==> flow/design.v <==
module alu_add_core_blk #(
   parameter integer W = 7
) (
   input  clk,
   input  [W-1:0] rs1,
   input  [W-1:0] rs2,
   input  cin,
   output reg [W-1:0] total,
   output reg cy
);
   reg [W-1:0] rs1_d1;
   reg [W-1:0] rs2_d1;
   reg cin_d1;
   wire [W:0] cur;
   assign cur = rs1_d1 + rs2_d1 + cin_d1;
   always @(posedge clk) begin
      rs1_d1 <= rs1;
      rs2_d1 <= rs2;
      cin_d1 <= cin;
      total <= cur[W-1:0];
      cy <= cur[W];
   end
endmodule
== Reports on alu_add_core_blk ==
Tool output for the design above, in the order of the flow.
Lines are those of the file above, counted from 1.
Operators carry their Yosys type and port widths (W data, S select, Z words).
Not given: n/a
Design
  top: alu_add_core_blk
  clock port: clk
  standard-cell library: sky130hd
  corner: tt_025C_1v80

== After elaboration ==
Source: Yosys, flattened and elaborated, memories not mapped. Widths are those after wreduce; folded enables and synchronous resets count as part of the registers. Registers that Yosys merges into a memory's read port (data or address) are not register bits. Print and check cells do not count. Equal cells are merged and count once.
Bit counts
  output and inout port bits: 8
  memory bits (read-only): 0
  RAM bits: 0
  input port bits: 16
  bits in latches: 0
  cells after elaboration: 7
  word width x clocked read ports: 0
  register bits: 23
  memories: 0
Operators by class
  add/sub/neg operators: 2
  eq/ne operators: 0
  multiply operators: 0
  bitwise gates (word level): 0
  divide/modulo/power cells: 0
  shift operators: 0
  magnitude comparators: 0
  reductions and logical operators: 0
  mux-type cells: 0
Operator list (count)
  $add A7 B7 Y8: 1
  $add A8 B1 Y8: 1

== Longest topological paths ==
Depth = most cells in a row (Yosys ltp): at word level without a register or memory, in the mapped netlist without a sequential cell, where the memories' decode and read muxes count.
Depth
  depth after elaboration: 2
  ABC_AREA: 0
  gate-level depth with buffers: 7
  gate-level depth less buffers: 7

== Synthesis result ==
Source: synth_stat.txt of the flow (Yosys; design flattened, memories mapped). It holds for the ABC_AREA given above (unset counts as 0); a run with the other value may have another netlist.
Totals and module areas in this step are rounded.
Synthesis totals
  synthesis area: 776 µm²
  cells in the netlist: 60
  buffers: 0
  mapped flip-flops: 23
  sequential area: 460 µm²
Cell types
  sky130_fd_sc_hd__dfxtp_1: count 23, area in all 460.442 µm²
  sky130_fd_sc_hd__ha_1: count 6, area in all 75.072 µm²
  sky130_fd_sc_hd__fa_1: count 2, area in all 40.038 µm²
  sky130_fd_sc_hd__xnor2_1: count 3, area in all 26.275 µm²
  sky130_fd_sc_hd__inv_1: count 6, area in all 22.522 µm²
  sky130_fd_sc_hd__a21oi_1: count 4, area in all 20.019 µm²
  sky130_fd_sc_hd__o31a_4: count 1, area in all 17.517 µm²
  sky130_fd_sc_hd__a311oi_2: count 1, area in all 15.014 µm²
  sky130_fd_sc_hd__o21ai_0: count 3, area in all 15.014 µm²
  sky130_fd_sc_hd__nor2b_4: count 1, area in all 13.763 µm²
  sky130_fd_sc_hd__nor4_2: count 1, area in all 12.512 µm²
  sky130_fd_sc_hd__a311o_1: count 1, area in all 10.01 µm²
  sky130_fd_sc_hd__nor2b_2: count 1, area in all 8.758 µm²
  sky130_fd_sc_hd__nor2_1: count 2, area in all 7.507 µm²
  sky130_fd_sc_hd__nor3b_1: count 1, area in all 7.507 µm²
  sky130_fd_sc_hd__o21a_1: count 1, area in all 7.507 µm²
  sky130_fd_sc_hd__a31oi_1: count 1, area in all 6.256 µm²
  sky130_fd_sc_hd__nor2b_1: count 1, area in all 6.256 µm²
  sky130_fd_sc_hd__nand2_1: count 1, area in all 3.754 µm²

== Path before layout ==
Path of least setup slack by OpenSTA after synthesis, without wires, with an ideal clock, recovery checks aside; 20% of the period is set as input and as output delay. Where synthesis merged equal registers, the netlist keeps one of their names.
Path after synthesis
  path type: register -> register
  start: reg rs1_d1[0]
  end: reg total[6]
  stages: 7
  clock period: 2260 ps
  data required time: 2138 ps
  delay of the path: 1807 ps
  path buffers: 0
  library setup time: 122 ps
  time at the first pin: 0 ps
  path slack: 453 ps
  arrival: 1685 ps
  synthesis period reached: 1807 ps
"delay of the path" = arrival - input delay + setup time.
"stages" counts driving pins, that of a launching flip-flop among them; a cell with two outputs on the path counts twice.
"synthesis period reached" = period - worst setup slack (recovery checks aside). The figure is calculated, with input and output delays left at 20% of the set period.
The rows between start and end are the longest chain of elaborated cells between them; the timing report does not say that the signal goes this way. Where chains are equally long, one stands for them.
Each line given opens the expression or statement behind the cell; cells for indexed reads and writes are added by Yosys, which also makes memories of some case tables.
On the way, after synthesis
  path through: sky130_fd_sc_hd__dfxtp_1 > sky130_fd_sc_hd__fa_1 > sky130_fd_sc_hd__inv_1 > sky130_fd_sc_hd__fa_1 > sky130_fd_sc_hd__nor2b_4 > sky130_fd_sc_hd__o31a_4 > sky130_fd_sc_hd__a311o_1
  length of the longest elaborated chain: 2
  elaborated cells on any way between the ends: 2
  source lines of those cells: 1
  those cells by class: 2 x add/sub
Ends and longest elaborated chain, after synthesis
  from (decl): RTL line 11  | reg [W-1:0] rs1_d1;
  from (assign): RTL line 17  | rs1_d1 <= rs1;
  $add A7 B7 Y8: RTL line 15  | assign cur = rs1_d1 + rs2_d1 + cin_d1;
  $add A8 B1 Y8: RTL line 15
  to (assign): RTL line 20  | total <= cur[W-1:0];
  to (decl): RTL line 8  | output reg [W-1:0] total,

== Worst path after layout ==
From the final timing report of run 2: the path of least setup slack in the routed layout; clock arrival at registers is part of the times.
The report prints the path's times to 10 ps; the period is as set.
Path after layout
  path type: register -> register
  start: reg rs1_d1[0]
  end: reg total[6]
  library setup time: 100 ps
  data required time: 2460 ps
  path buffers: 0
  time at the first pin: 290 ps
  stages: 7
  clock period: 2260 ps
  path slack: 400 ps
  arrival: 2060 ps
The rows between start and end are the longest chain of elaborated cells between them; the timing report does not say that the signal goes this way. Where chains are equally long, one stands for them.
On the way, after layout
  path through: sky130_fd_sc_hd__dfxtp_1 > sky130_fd_sc_hd__fa_1 > sky130_fd_sc_hd__inv_1 > sky130_fd_sc_hd__fa_1 > sky130_fd_sc_hd__nor2b_4 > sky130_fd_sc_hd__o31a_4 > sky130_fd_sc_hd__a311o_1
  length of the longest elaborated chain: 2
  elaborated cells on any way between the ends: 2
  source lines of those cells: 1
  those cells by class: 2 x add/sub
Ends and longest elaborated chain, after layout
  from (decl): RTL line 11  | reg [W-1:0] rs1_d1;
  from (assign): RTL line 17  | rs1_d1 <= rs1;
  $add A7 B7 Y8: RTL line 15  | assign cur = rs1_d1 + rs2_d1 + cin_d1;
  $add A8 B1 Y8: RTL line 15
  to (assign): RTL line 20  | total <= cur[W-1:0];
  to (decl): RTL line 8  | output reg [W-1:0] total,

==> results <==
Top module alu_add_core_blk; platform sky130hd; tools Yosys and OpenROAD; 3 stored runs in no particular order. Input and output delays are each 20% of the period that was set; the output load is 0.01 pF.
"period reached" means the clock period less the worst setup slack. The figure is calculated, with input and output delays left at 20% of the set period.
"worst path time" means the part of the period allowed to the worst setup path (the constraints hold back 20% at inputs and 20% at outputs) less its slack; where the path has registers, the arrival times of their clocks count too.
By "total power of the final layout" is meant OpenSTA's value without simulated activity: inputs other than the clock are taken to toggle once in ten clock periods, and the tool carries that through the logic.
"worst path time" is given in steps of 10 ps.
Values from the reports are rounded here.

==> run 1: settings <==
{ "period_ns": 1.27, "CORE_UTILIZATION": 71, "SETUP_SLACK_MARGIN": -0.04, "PLACE_DENSITY": 0.65, "CORE_ASPECT_RATIO": 1.23, "CELL_PAD_IN_SITES_DETAIL_PLACEMENT": 1, "GPL_ROUTABILITY_DRIVEN": 0, "CTS_CLUSTER_SIZE": 89, "CTS_CLUSTER_DIAMETER": 83, "MAX_ROUTING_LAYER": "met4", "CAP_MARGIN": 20, "CORE_MARGIN": 2, "SLEW_MARGIN": 20 }
==> run 1: results <==
stopped before the end: placement reported GPL-0301

==> run 2: settings <==
{ "period_ns": 2.26, "CAP_MARGIN": 20, "CORE_MARGIN": 2, "CORE_UTILIZATION": 40, "SLEW_MARGIN": 20 }
==> run 2: results <==
smallest setup slack: 399 ps
die size: 2310 µm²
area of the synthesized netlist: 776 µm²
period reached: 1861 ps
worst hold slack in the final report: 515 ps
standard-cell area of the final layout: 1060 µm²
post-layout utilization: 59.6%
summed negative setup slack: 0 ps
worst path time: 1860 ps
kind of the worst setup path: register -> register
total power of the final layout: 0.000802 W

==> run 3: settings <==
{ "period_ns": 3.32, "CORE_UTILIZATION": 55, "SETUP_SLACK_MARGIN": -0.23, "PLACE_DENSITY_LB_ADDON": 0.14, "TNS_END_PERCENT": 45, "ABC_AREA": 1, "GPL_TIMING_DRIVEN": 1, "CTS_CLUSTER_SIZE": 64, "MIN_ROUTING_LAYER": "met2", "CAP_MARGIN": 20, "CORE_MARGIN": 2, "SLEW_MARGIN": 20 }
==> run 3: results <==
summed negative setup slack: 0 ps
area of the synthesized netlist: 781 µm²
post-layout utilization: 80.2%
standard-cell area of the final layout: 1060 µm²
smallest setup slack: 1490 ps
worst path time: 1160 ps
kind of the worst setup path: register -> output
die size: 1740 µm²
total power of the final layout: 0.000552 W
period reached: 1827 ps
worst hold slack in the final report: 519 ps
